==> flow/design.v <==
module sync_sum_block_v2 #(
   parameter XLEN = 128,
   parameter SLICE = 4
) (
   input aclk,
   input RSTN,
   input [XLEN-1:0] in_src1,
   input [XLEN-1:0] in_src2,
   input in_cy_in,
   output [XLEN-1:0] out_sum,
   output out_ovf
);
   reg [XLEN-1:0] src1_d1;
   reg [XLEN-1:0] src2_d1;
   reg cy_in_d1;
   always @(posedge aclk or negedge RSTN) begin
      if (!RSTN) begin
         src1_d1 <= 0;
         src2_d1 <= 0;
         cy_in_d1 <= 1'b0;
      end else begin
         src1_d1 <= in_src1;
         src2_d1 <= in_src2;
         cy_in_d1 <= in_cy_in;
      end
   end
   localparam NG = XLEN / SLICE;
   wire [XLEN-1:0] val;
   wire [NG:0] cy;
   assign cy[0] = cy_in_d1;
   genvar ii;
   generate
      for (ii = 0; ii < NG; ii = ii + 1) begin : row
         wire [SLICE:0] s0 = src1_d1[ii*SLICE +: SLICE] + src2_d1[ii*SLICE +: SLICE];
         wire [SLICE:0] s1 = src1_d1[ii*SLICE +: SLICE] + src2_d1[ii*SLICE +: SLICE] + 1'b1;
         assign {cy[ii+1], val[ii*SLICE +: SLICE]} = cy[ii] ? s1 : s0;
      end
   endgenerate
   reg [XLEN-1:0] sum_d1;
   always @(posedge aclk or negedge RSTN) begin
      if (!RSTN) begin
         sum_d1 <= 0;
      end else begin
         sum_d1 <= val;
      end
   end
   assign out_sum = sum_d1;
   reg ovf_d1;
   always @(posedge aclk or negedge RSTN) begin
      if (!RSTN) begin
         ovf_d1 <= 1'b0;
      end else begin
         ovf_d1 <= cy[NG];
      end
   end
   assign out_ovf = ovf_d1;
endmodule
Reports on sync_sum_block_v2
Tool output for the design above, in the order of the flow.
Lines are those of the file above, counted from 1.
Operators: Yosys type, input widths -> output width; for muxes data width and select width s.
The mark -- stands for no value.

set-up
  top = sync_sum_block_v2
  clock input = aclk
  library = sky130hd
  corner = tt_025C_1v80

Word level
Yosys after proc, flatten, opt, wreduce and memory -nomap, before mapping. Enables and synchronous resets that opt folds into registers are not counted as muxes. Memory bits, and registers merged into a memory's read port (data or address), are not among the register bits. Print and check cells are not counted. Equal cells are merged and count once.

cells by class
  add/sub/neg operators = 64
  multiplexer cells = 32

operators with widths
  cell                 count
  $add 4x4->5          32
  $add 5x1->5 const B  32
  $mux 5               32

word-level totals
  flip-flop bits (word level) = 386
  input port bits = 259
  output and inout port bits = 129
  elaborated cells = 101

Longest topological paths
Yosys ltp: most cells in a row. Word level: on the elaborated netlist, between registers, memories and ports. Mapped: between sequential cells and ports; inverters and the memories' decode and read muxes count.

depth
  word-level depth = 34
  ABC_AREA = 0
  gate-level depth with buffers = 37
  gate-level depth less buffers = 36

Mapped cells and area
The flow's flattened synthesis, as Yosys stat reports it; memories are mapped. The netlist is that of the ABC_AREA named above (0 if unset); the other value can give another one.
Totals and module areas in this step are rounded.

cells by type
  cell type                  count  total area (µm²)
  sky130_fd_sc_hd__dfrtp_1   386    9.66E+03
  sky130_fd_sc_hd__ha_1      160    2,001.92
  sky130_fd_sc_hd__xnor2_1   112    980.941
  sky130_fd_sc_hd__xor2_1    80     700.672
  sky130_fd_sc_hd__fa_1      32     640.614
  sky130_fd_sc_hd__a21o_1    67     502.982
  sky130_fd_sc_hd__a21oi_1   69     345.331
  sky130_fd_sc_hd__mux2_2    27     304.042
  sky130_fd_sc_hd__mux2i_1   25     250.24
  sky130_fd_sc_hd__nand4_1   30     187.68
  sky130_fd_sc_hd__nand2_1   49     183.926
  sky130_fd_sc_hd__nand3b_1  15     112.608
  sky130_fd_sc_hd__nand3_1   21     105.101
  sky130_fd_sc_hd__mux2_1    6      67.565
  sky130_fd_sc_hd__and2_1    10     62.56
  sky130_fd_sc_hd__nand4b_1  7      61.309
  sky130_fd_sc_hd__nor2_1    16     60.058
  sky130_fd_sc_hd__and3_1    7      43.792

Not listed: further types 30, cells in them 54.

mapped netlist
  mapped cells = 1,173
  cell area after synthesis = 16,670 µm²
  sequential part of the area = 9,659 µm²
  flip-flops = 386
  buffers = 4

Path before layout
Source: OpenSTA report_checks on the synthesized netlist (no wires, ideal clock, input and output delay 20% of the period each), path of least setup slack; recovery checks are left aside. Register names are those of the netlist, which keeps one name where synthesis merged equal registers.

path post-synthesis
  kind = reg-to-reg
  from = register src1_d1[0]
  to = register sum_d1[125]
  period = 13.9 ns
  library setup time = 0.128 ns
  launch time at the first pin = 0.000 ns
  arrival = 11.028 ns
  required time = 13.772 ns
  setup slack = 2.744 ns
  path delay = 11.156 ns
  stages = 38
  path buffers = 1
  synthesis period reached = 11.156 ns

"path delay" = arrival - input delay + setup time.
"stages" counts driving pins, that of a launching flip-flop among them; a cell with two outputs on the path counts twice.
"synthesis period reached" is the clock period less the worst setup slack; recovery checks do not enter. This is arithmetic on one report: input and output delays are still those of the set period (20% each).
The rows between start and end are the longest chain of elaborated cells between them; the timing report does not say that the signal goes this way. Where chains are equally long, one stands for them.
Each line given opens the expression or statement behind the cell; cells for indexed reads and writes are added by Yosys, which also makes memories of some case tables.

between the ends, post-synthesis
  path through = sky130_fd_sc_hd__dfrtp_1 -> sky130_fd_sc_hd__ha_1 -> sky130_fd_sc_hd__fa_1 -> sky130_fd_sc_hd__ha_1 -> sky130_fd_sc_hd__nor4bb_1 -> sky130_fd_sc_hd__a22o_1 -> sky130_fd_sc_hd__a32o_1 -> sky130_fd_sc_hd__or2_4 -> sky130_fd_sc_hd__o32a_1 -> sky130_fd_sc_hd__a211oi_1 -> sky130_fd_sc_hd__o21ba_1 -> sky130_fd_sc_hd__buf_6 -> sky130_fd_sc_hd__mux2i_2 -> sky130_fd_sc_hd__mux2i_1 -> sky130_fd_sc_hd__mux2i_1 -> sky130_fd_sc_hd__mux2i_1 -> sky130_fd_sc_hd__mux2i_1 -> sky130_fd_sc_hd__mux2i_1 -> (+2 left out) -> sky130_fd_sc_hd__mux2i_1 -> sky130_fd_sc_hd__mux2i_1 -> sky130_fd_sc_hd__mux2i_1 -> sky130_fd_sc_hd__mux2i_1 -> sky130_fd_sc_hd__mux2i_1 -> sky130_fd_sc_hd__mux2i_1 -> sky130_fd_sc_hd__mux2i_1 -> sky130_fd_sc_hd__mux2i_1 -> sky130_fd_sc_hd__mux2i_1 -> sky130_fd_sc_hd__mux2i_1 -> sky130_fd_sc_hd__mux2i_1 -> sky130_fd_sc_hd__mux2i_1 -> sky130_fd_sc_hd__mux2i_1 -> sky130_fd_sc_hd__mux2i_1 -> sky130_fd_sc_hd__mux2i_1 -> sky130_fd_sc_hd__mux2i_2 -> sky130_fd_sc_hd__xnor2_1 -> sky130_fd_sc_hd__mux2_1
  length of the longest elaborated chain = 34
  elaborated cells between the ends (all ways) = 34
  those cells by class = 2 x add/sub; 32 x mux

RTL lines, path post-synthesis
  element               RTL line  source
  start: declaration    13        reg [XLEN-1:0] src1_d1;
  start: assignment     18        src1_d1 <= 0;
  start: assignment     22        src1_d1 <= in_src1;
  $add 4x4->5           35        wire [SLICE:0] s1 = src1_d1[ii*SLICE +: SLICE] + src2_d1[ii*SLICE +: SLICE] + 1'b1;
  $add 5x1->5           35
  $mux 5 (32 in a row)  36        assign {cy[ii+1], val[ii*SLICE +: SLICE]} = cy[ii] ? s1 : s0;
  end: assignment       42        sum_d1 <= 0;
  end: assignment       44        sum_d1 <= val;
  end: declaration      39        reg [XLEN-1:0] sum_d1;

Path in the finished layout
Path of least setup slack in the final report of run A (OpenROAD, finished layout, wires in). Where an end is a register, its clock arrival counts in the times.

path after layout
  kind = reg-to-reg
  from = register src1_d1[0]
  to = register ovf_d1
  period = 11.4 ns
  library setup time = 0.08 ns
  launch time at the first pin = 0.53 ns
  arrival = 11.72 ns
  required time = 11.86 ns
  setup slack = 0.13 ns
  stages = 38
  path buffers = 1

The rows between start and end are the longest chain of elaborated cells between them; the timing report does not say that the signal goes this way. Where chains are equally long, one stands for them.

between the ends, after layout
  path through = sky130_fd_sc_hd__dfrtp_1 -> sky130_fd_sc_hd__ha_2 -> sky130_fd_sc_hd__fa_2 -> sky130_fd_sc_hd__ha_4 -> sky130_fd_sc_hd__a21oi_2 -> sky130_fd_sc_hd__o221ai_1 -> sky130_fd_sc_hd__a32o_2 -> sky130_fd_sc_hd__or2_4 -> sky130_fd_sc_hd__o32a_1 -> sky130_fd_sc_hd__a211oi_2 -> sky130_fd_sc_hd__o21ba_4 -> sky130_fd_sc_hd__mux2i_4 -> sky130_fd_sc_hd__mux2i_4 -> sky130_fd_sc_hd__mux2i_4 -> sky130_fd_sc_hd__mux2i_4 -> sky130_fd_sc_hd__mux2i_4 -> sky130_fd_sc_hd__mux2i_2 -> sky130_fd_sc_hd__mux2i_2 -> (+2 left out) -> sky130_fd_sc_hd__mux2i_2 -> sky130_fd_sc_hd__mux2i_2 -> sky130_fd_sc_hd__mux2i_2 -> sky130_fd_sc_hd__mux2i_2 -> sky130_fd_sc_hd__mux2i_2 -> sky130_fd_sc_hd__mux2i_2 -> sky130_fd_sc_hd__mux2i_2 -> sky130_fd_sc_hd__mux2i_2 -> sky130_fd_sc_hd__mux2i_2 -> sky130_fd_sc_hd__mux2i_2 -> sky130_fd_sc_hd__mux2i_2 -> sky130_fd_sc_hd__mux2i_2 -> sky130_fd_sc_hd__mux2i_2 -> sky130_fd_sc_hd__mux2i_2 -> sky130_fd_sc_hd__mux2i_2 -> sky130_fd_sc_hd__buf_4 -> sky130_fd_sc_hd__mux2i_2 -> sky130_fd_sc_hd__xor2_1
  length of the longest elaborated chain = 34
  elaborated cells between the ends (all ways) = 34
  those cells by class = 2 x add/sub; 32 x mux

RTL lines, path after layout
  element               RTL line  source
  start: declaration    13        reg [XLEN-1:0] src1_d1;
  start: assignment     18        src1_d1 <= 0;
  start: assignment     22        src1_d1 <= in_src1;
  $add 4x4->5           35        wire [SLICE:0] s1 = src1_d1[ii*SLICE +: SLICE] + src2_d1[ii*SLICE +: SLICE] + 1'b1;
  $add 5x1->5           35
  $mux 5 (32 in a row)  36        assign {cy[ii+1], val[ii*SLICE +: SLICE]} = cy[ii] ? s1 : s0;
  end: assignment       51        ovf_d1 <= 1'b0;
  end: assignment       53        ovf_d1 <= cy[NG];
  end: declaration      48        reg ovf_d1;

Below are 3 stored runs of the flow (Yosys, OpenROAD; platform sky130hd) on sync_sum_block_v2, each with its settings and what was measured, unordered. Constraints: input delay and output delay 20% of the set period each, output load 0.01 pF.
"clock period reached": clock period set for the run, less the worst setup slack. It is reckoned from that one timing run; input and output delays stay at 20% of the period that was set.
"total power of the final layout" is the tool's figure for a default switching activity; nothing was simulated.
Values from the reports are rounded here.
Settings: . = not set for that run.

setting or result                      run A   run B    run C
period_ns                              11.4    7.65     13.9
CORE_UTILIZATION                       52      15       40
SETUP_SLACK_MARGIN                     3.07    1.49     .
PLACE_DENSITY_LB_ADDON                 0.03    .        .
CORE_ASPECT_RATIO                      1.1     .        .
TNS_END_PERCENT                        40      .        .
CTS_CLUSTER_DIAMETER                   56      .        .
CAP_MARGIN                             35      40       20
SLEW_MARGIN                            30      40       20
MAX_ROUTING_LAYER                      met5    .        .
CORE_MARGIN                            2       7        2
PLACE_DENSITY                          .       0.42     .
CELL_PAD_IN_SITES_GLOBAL_PLACEMENT     .       3        .
CELL_PAD_IN_SITES_DETAIL_PLACEMENT     .       2        .
ABC_AREA                               .       0        .
GPL_TIMING_DRIVEN                      .       0        .
post-synthesis cell area (µm²)         16,670  16,670   16,670
worst setup slack after layout (ns)    0.133   -4.067   1.087
die footprint (µm²)                    33,500  120,600  43,320
post-route worst hold slack (ns)       0.603   0.621    0.611
standard-cell area after layout (µm²)  23,420  25,790   22,650
clock period reached (ns)              11.267  11.717   12.813
total power of the final layout (uW)   3,895   6,637    3,165
